==> flow/design.v <==
module shifter_v2 #(
  parameter integer W = 20,
  parameter integer SBITS = $clog2(W)
) (
  input  logic clock,
  input  logic [W-1:0] d,
  input  logic [W-1:0] B,
  input  logic [SBITS-1:0] dist_in,
  output logic [W-1:0] result
);
  logic [W-1:0] d_r;
  logic [W-1:0] B_r;
  logic [SBITS-1:0] dist_in_r;
  logic [2*W-1:0] cur;
  assign cur = {B_r, d_r} >> dist_in_r;
  assign result = cur[W-1:0];
  always_ff @(posedge clock) begin
    d_r <= d;
    B_r <= B;
    dist_in_r <= dist_in;
  end
endmodule
Step by step through the tools: shifter_v2
Tool output for the design above, in the order of the flow.
Lines are those of the file above, counted from 1.
Cell names lack the library's common part.
The mark -- stands for no value.

set-up
  top module = shifter_v2
  clock = clock
  cell library = sky130hd
  library corner = tt_025C_1v80

Word-level counts
Yosys after proc, flatten, opt, wreduce and memory -nomap, before mapping. Enables and synchronous resets that opt folds into registers are not counted as muxes. Memory bits, and registers merged into a memory's read port (data or address), are not among the register bits. Print and check cells are not counted. Equal cells are merged and count once.

bit counts
  output and inout bits = 20
  bits of input ports = 46
  register bits after elaboration = 45

operators by class
  shift-type cells = 1

operators by type and width
  kind                                            count
  40-bit by 5-bit right shift with 20-bit output  1

Depth
Depth = most cells in a row (Yosys ltp): at word level without a register or memory, in the mapped netlist without a sequential cell, where the memories' decode and read muxes count.

logic depth
  depth in word-level cells = 1
  ABC_AREA = 0
  mapped depth = 8
  depth with buffers taken out = 4

After synthesis
Source: synth_stat.txt of the flow (Yosys; design flattened, memories mapped). It holds for the ABC_AREA given above (unset counts as 0); a run with the other value may have another netlist.

synthesis totals
  sequential area = 0.0009009 sq mm
  mapped cells = 316
  synthesis area = 0.0035647 sq mm
  buffers = 29
  flip-flops = 45

cells by type
  cell       count  area in all (sq um)
  mux4_2     43     968.429
  dfxtp_1    45     900.864
  mux2_2     35     394.128
  mux2i_1    20     200.192
  a22oi_1    16     120.115
  nand2_1    18     67.565
  buf_2      13     65.062
  mux2_4     4      60.058
  nand3_1    11     55.053
  o211ai_1   6      45.043
  nor2b_1    7      43.792
  nor2_1     10     37.536
  a221oi_1   4      35.034
  a2bb2oi_1  4      35.034
  and2_1     5      31.28
  a222oi_1   3      30.029
  o21ai_0    6      30.029
  a211o_1    3      26.275

Not listed: further types 31, cells in them 63.

Timing after synthesis
OpenSTA on the mapped netlist: ideal clock, no wires. The path of least setup slack (recovery checks aside). Input and output delay are each 20% of the period. Register names are those of the netlist, which keeps one name where synthesis merged equal registers.

path after synthesis
  path kind = register to output
  start = reg dist_in_r[0]
  end = out result[3]
  delay of the path = 1,798 ps
  path slack = 450 ps
  stages = 7
  arrival = 1,798 ps
  output delay = 562 ps
  period = 2,810 ps
  path buffers = 3
  period reached after synthesis = 2,360 ps

"delay of the path" = arrival - input delay + setup time.
A path that ends at an output port has no setup time.
"stages": output pins that drive a net of the path, with the launching flip-flop's if there is one; two outputs of one cell count as two.
"period reached after synthesis" is the clock period less the worst setup slack; recovery checks do not enter. This is arithmetic on one report: input and output delays are still those of the set period (20% each).
Between the ends stands the longest chain of elaborated cells between them, by number of cells; it is not shown to be the way that was timed. Of several equally long chains one is given.
Each line given opens the expression or statement behind the cell; cells for indexed reads and writes are added by Yosys, which also makes memories of some case tables.

on the way, after synthesis
  cell sequence = dfxtp_1 -> buf_6 -> buf_4 -> buf_4 -> mux4_2 -> a222oi_1 -> o2111ai_1
  cells in the longest elaborated chain = 1

ends and longest elaborated chain, after synthesis
  what                                            RTL line  text
  from (decl)                                     13        logic [SBITS-1:0] dist_in_r;
  from (assign)                                   20        dist_in_r <= dist_in;
  40-bit by 5-bit right shift with 20-bit output  15        assign cur = {B_r, d_r} >> dist_in_r;
  to (decl)                                       9         output logic [W-1:0] result

Timing after layout
Path of least setup slack in the final report of run B (OpenROAD, finished layout, wires in). Where an end is a register, its clock arrival counts in the times.
The report prints the path's times to 10 ps; the period is as set.

path after layout
  path kind = register to output
  start = reg dist_in_r[0]
  end = out result[10]
  stages = 7
  period = 2,230 ps
  path slack = -730 ps
  output delay = 450 ps
  arrival = 2,520 ps
  path buffers = 2

Between the ends stands the longest chain of elaborated cells between them, by number of cells; it is not shown to be the way that was timed. Of several equally long chains one is given.

on the way, after layout
  cell sequence = dfxtp_4 -> mux4_2 -> a222oi_1 -> buf_4 -> o22ai_2 -> or3b_4 -> buf_6
  cells in the longest elaborated chain = 1

ends and longest elaborated chain, after layout
  what                                            RTL line  text
  from (decl)                                     13        logic [SBITS-1:0] dist_in_r;
  from (assign)                                   20        dist_in_r <= dist_in;
  40-bit by 5-bit right shift with 20-bit output  15        assign cur = {B_r, d_r} >> dist_in_r;
  to (decl)                                       9         output logic [W-1:0] result

Module shifter_v2, platform sky130hd: 3 stored runs of the flow (Yosys, OpenROAD) with differing settings, in no particular order. Input and output delays are each 20% of the period that was set; the output load is 0.01 pF.
"period reached": clock period set for the run, less the worst setup slack. It is reckoned from that one timing run; input and output delays stay at 20% of the period that was set.
"worst setup path time" means the part of the period allowed to the worst setup path (the constraints hold back 20% at inputs and 20% at outputs) less its slack; where the path has registers, the arrival times of their clocks count too.
"overall power" rests on the timing tool's default activity at the inputs, not on a simulated workload.
"worst setup path time" is given in steps of 10 ps.
Among the settings, -- means not set for that run.
Among the results, -- means that no value is shown for the run.

name                                            run A  run B               run C
period_ns                                       1.79   2.23                2.81
CORE_UTILIZATION                                58     31                  40
SETUP_SLACK_MARGIN                              0.2    0.64                --
PLACE_DENSITY_LB_ADDON                          0.11   --                  --
CORE_ASPECT_RATIO                               1.36   1.66                --
CELL_PAD_IN_SITES_GLOBAL_PLACEMENT              2      --                  --
CELL_PAD_IN_SITES_DETAIL_PLACEMENT              1      --                  --
TNS_END_PERCENT                                 15     --                  --
CTS_CLUSTER_SIZE                                66     100                 --
MIN_ROUTING_LAYER                               met2   --                  --
CAP_MARGIN                                      20     20                  20
CORE_MARGIN                                     2      2                   2
SLEW_MARGIN                                     20     40                  20
PLACE_DENSITY                                   --     0.54                --
MAX_ROUTING_LAYER                               --     met5                --
worst hold slack in the final report (ps)       --     587                 671
cell area after synthesis (sq mm)               --     0.0035647           0.0035647
standard-cell area of the final layout (sq mm)  --     0.0059082           0.0052363
post-layout utilization (%)                     --     52.5                60.3
summed negative setup slack (ps)                --     -11,021             -2,432
die area (sq mm)                                --     0.0124006           0.0096826
period reached (ps)                             --     2,965               3,034
setup slack of the critical path (ps)           --     -735                -224
overall power (mW)                              --     2.966               1.991
worst setup path time (ps)                      --     2,520               2,470
worst setup path kind                           --     register to output  register to output

Run A: no final report: placement broke off with FLW-0024
